==> flow/design.v <==
module cpu_adder_n #(
  parameter WIDTH = 6
) (
  input  wire core_clk,
  input  wire [WIDTH-1:0] in_rs1,
  input  wire [WIDTH-1:0] in_rs2,
  input  wire in_c0,
  output reg [WIDTH-1:0] out_q,
  output reg out_carry_out
);
  reg [WIDTH-1:0] rs1_q;
  always @(posedge core_clk)
    rs1_q <= in_rs1;
  reg [WIDTH-1:0] rs2_q;
  always @(posedge core_clk)
    rs2_q <= in_rs2;
  reg c0_q;
  always @(posedge core_clk)
    c0_q <= in_c0;
  wire [WIDTH-1:0] nxt;
  wire [WIDTH:0] carry;
  assign carry[0] = c0_q;
  genvar ii;
  generate
    for (ii = 0; ii < WIDTH; ii = ii + 1) begin : blk
      assign nxt[ii] = rs1_q[ii] ^ rs2_q[ii] ^ carry[ii];
      assign carry[ii+1] = (rs1_q[ii] & rs2_q[ii]) | (carry[ii] & (rs1_q[ii] ^ rs2_q[ii]));
    end
  endgenerate
  always @(posedge core_clk)
    out_q <= nxt;
  always @(posedge core_clk)
    out_carry_out <= carry[WIDTH];
endmodule
# Tool chain data of cpu_adder_n
# A sweep over "WIDTH": the same steps for each member of the family.
# The file above is the member WIDTH = 6. Line numbers count from 1 in each member's own file.
# Not given: -
# setup
top_module	cpu_adder_n
clk_port	core_clk
library	sky130hd
pvt_corner	tt_025C_1v80

# Members of the sweep
# New or changed lines of each further member against the RTL above, in its own file; lines it lacks are not shown.
# changed_lines
WIDTH	line	text
36	2	parameter WIDTH = 36
48	2	parameter WIDTH = 48
64	2	parameter WIDTH = 64
96	2	parameter WIDTH = 96

# After elaboration
# Counts by Yosys on the flattened word-level netlist (proc, flatten, opt, wreduce; memories kept). Register bits leave out memories and registers merged into their read ports (data or address); mux counts leave out enables and synchronous resets folded into registers. Print and check cells are left out. Cells with the same type and inputs are merged into one.
# bits
WIDTH	out_inout_bits	in_bits	word_cells	regBits
6	7	14	35	20
36	37	74	185	110
48	49	98	245	146
64	65	130	325	194
96	97	194	485	290
# classes
WIDTH	n_logic
6	30
36	180
48	240
64	320
96	480
# op_table
WIDTH	operators
6	bitwise AND 1 bit: 12; XOR 1 bit: 12; OR 1 bit: 6
36	bitwise AND 1 bit: 72; XOR 1 bit: 72; OR 1 bit: 36
48	bitwise AND 1 bit: 96; XOR 1 bit: 96; OR 1 bit: 48
64	bitwise AND 1 bit: 128; XOR 1 bit: 128; OR 1 bit: 64
96	bitwise AND 1 bit: 192; XOR 1 bit: 192; OR 1 bit: 96

# Depth
# Depth = most cells in a row (Yosys ltp): at word level without a register or memory, in the mapped netlist without a sequential cell, where the memories' decode and read muxes count.
# depth
WIDTH	ltp_word	ABC_AREA	ltp_mapped	mapped_depth_nobuf
6	13	0	10	10
36	73	0	40	40
48	97	0	52	52
64	129	0	68	68
96	193	0	100	100

# Netlist
# The flow's flattened synthesis, as Yosys stat reports it; memories are mapped. The netlist is that of the ABC_AREA named above (0 if unset); the other value can give another one.
# by_type
WIDTH	cell_types
6	sky130_fd_sc_hd__dfxtp_1: 20; sky130_fd_sc_hd__fa_1: 6; sky130_fd_sc_hd__inv_1: 10
36	sky130_fd_sc_hd__dfxtp_1: 110; sky130_fd_sc_hd__fa_1: 36; sky130_fd_sc_hd__inv_1: 10
48	sky130_fd_sc_hd__dfxtp_1: 146; sky130_fd_sc_hd__fa_1: 48; sky130_fd_sc_hd__inv_1: 10
64	sky130_fd_sc_hd__dfxtp_1: 194; sky130_fd_sc_hd__fa_1: 64; sky130_fd_sc_hd__inv_1: 10
96	sky130_fd_sc_hd__dfxtp_1: 290; sky130_fd_sc_hd__fa_1: 96; sky130_fd_sc_hd__inv_1: 10
# mapped
WIDTH	mapped_cells	ffs	sequential_area_um2	buf_cells	mapped_area_um2
6	36	20	400.4	0	558.0
36	156	110	2202.1	0	2960.3
48	204	146	2922.8	0	3921.3
64	268	194	3883.7	0	5202.5
96	396	290	5805.6	0	7764.9

# Path before layout
# OpenSTA on the mapped netlist: ideal clock, no wires. The path of least setup slack (recovery checks aside). Input and output delay are each 20% of the period. Register names are those of the netlist, which keeps one name where synthesis merged equal registers.
# synth_timing
WIDTH	path_kind	start	end	delay_ns	clock_period_ns	slack_ns	driving_pins	period_less_setup_slack_ns
6	reg-to-reg	reg rs1_q[0]	reg out_q[5]	2.619	3.27	0.651	11	2.619
36	reg-to-reg	reg rs1_q[0]	reg out_q[35]	14.010	17.5	3.489	41	14.011
48	reg-to-reg	reg rs1_q[0]	reg out_q[47]	18.567	23.2	4.632	53	18.568
64	reg-to-reg	reg rs1_q[0]	reg out_q[63]	24.643	30.8	6.157	69	24.643
96	reg-to-reg	reg rs1_q[0]	reg out_q[95]	36.794	46.0	9.206	101	36.794
# "delay_ns" is the arrival time less input delay plus setup time.
# "driving_pins" counts driving pins, that of a launching flip-flop among them; a cell with two outputs on the path counts twice.
# "period_less_setup_slack_ns" = period - worst setup slack (recovery checks aside). The figure is calculated, with input and output delays left at 20% of the set period.
# Between the ends stands the longest chain of elaborated cells between them, by number of cells; it is not shown to be the way that was timed. Of several equally long chains one is given.
# A line is the first line of the expression or statement that the cell stems from. Yosys adds cells for indexed reads and writes and turns some case tables into memories.
# synth_between_WIDTH_6
elab_chain_cells	12
# synth_lines_WIDTH_6
element	line	text
start, declared	11	reg [WIDTH-1:0] rs1_q;
start, assigned	13	rs1_q <= in_rs1;
XOR 1 bit	27	assign carry[ii+1] = (rs1_q[ii] & rs2_q[ii]) | (carry[ii] & (rs1_q[ii] ^ rs2_q[ii]));
bitwise AND 1 bit	27
OR 1 bit	27
bitwise AND 1 bit	27
OR 1 bit	27
bitwise AND 1 bit	27
OR 1 bit	27
bitwise AND 1 bit	27
OR 1 bit	27
bitwise AND 1 bit	27
OR 1 bit	27
XOR 1 bit	26	assign nxt[ii] = rs1_q[ii] ^ rs2_q[ii] ^ carry[ii];
end, assigned	31	out_q <= nxt;
end, declared	8	output reg [WIDTH-1:0] out_q,
# synth_between_WIDTH_96
elab_chain_cells	192
# synth_lines_WIDTH_96
element	line	text
start, declared	11	reg [WIDTH-1:0] rs1_q;
start, assigned	13	rs1_q <= in_rs1;
XOR 1 bit	27	assign carry[ii+1] = (rs1_q[ii] & rs2_q[ii]) | (carry[ii] & (rs1_q[ii] ^ rs2_q[ii]));
bitwise AND 1 bit	27
OR 1 bit	27
bitwise AND 1 bit	27
OR 1 bit	27
bitwise AND 1 bit	27
OR 1 bit	27
(+178 left out)	-
bitwise AND 1 bit	27
OR 1 bit	27
bitwise AND 1 bit	27
OR 1 bit	27
bitwise AND 1 bit	27
OR 1 bit	27
XOR 1 bit	26	assign nxt[ii] = rs1_q[ii] ^ rs2_q[ii] ^ carry[ii];
end, assigned	31	out_q <= nxt;
end, declared	8	output reg [WIDTH-1:0] out_q,

# Timing after layout
# Path of least setup slack in the final report of each member's run (OpenROAD, finished layout, wires in). Where an end is a register, its clock arrival counts in the times.
# layout_timing
WIDTH	path_kind	start	end	t_arrival_ns	path_buffers	driving_pins	clock_period_ns	slack_ns
6	reg-to-reg	reg rs1_q[0]	reg out_q[5]	3.00	0	11	3.27	0.51
36	reg-to-reg	reg rs1_q[0]	reg out_q[35]	14.86	0	41	17.5	2.95
48	reg-to-reg	reg rs1_q[0]	reg out_q[47]	19.91	0	53	23.2	3.74
64	reg-to-reg	reg rs1_q[0]	reg out_q[63]	26.12	0	69	30.8	5.05
96	reg-to-reg	reg rs1_q[0]	reg out_q[95]	39.04	0	101	46.0	7.44

# Layout results
# One run of the flow (Yosys, OpenROAD) for each member, with settings and measured results. Input and output delays are each 20% of the period that was set; the output load is 0.01 pF.
# settings
CAP_MARGIN	20
CORE_MARGIN	2
CORE_UTILIZATION	40
SLEW_MARGIN	20
# settings_diff
WIDTH	period_ns
6	3.27
36	17.5
48	23.2
64	30.8
96	46.0
# measured
WIDTH	fin_util_pct	design_power_mw	hold_worst_slack_ns	die_footprint_um2	yosys.chip_area_um2	layout_stdcell_area_um2	fin_ws_ns	timing.achieved_period_ns
6	62.5	0.4806	0.526	1709.8	558.0	813.3	0.512	2.758
36	60.5	0.4971	0.507	8105.4	2960.3	4366.7	2.948	14.552
48	63.4	0.6125	0.506	10611.1	3921.3	6107.1	3.736	19.464
64	63.2	0.5982	0.504	13934.6	5202.5	8007.7	5.049	25.751
96	63.4	0.6033	0.504	20543.5	7764.9	11986.5	7.437	38.563
# "timing.achieved_period_ns" means the clock period less the worst setup slack. The figure is calculated, with input and output delays left at 20% of the set period.
# By "design_power_mw" is meant OpenSTA's value without simulated activity: inputs other than the clock are taken to toggle once in ten clock periods, and the tool carries that through the logic.
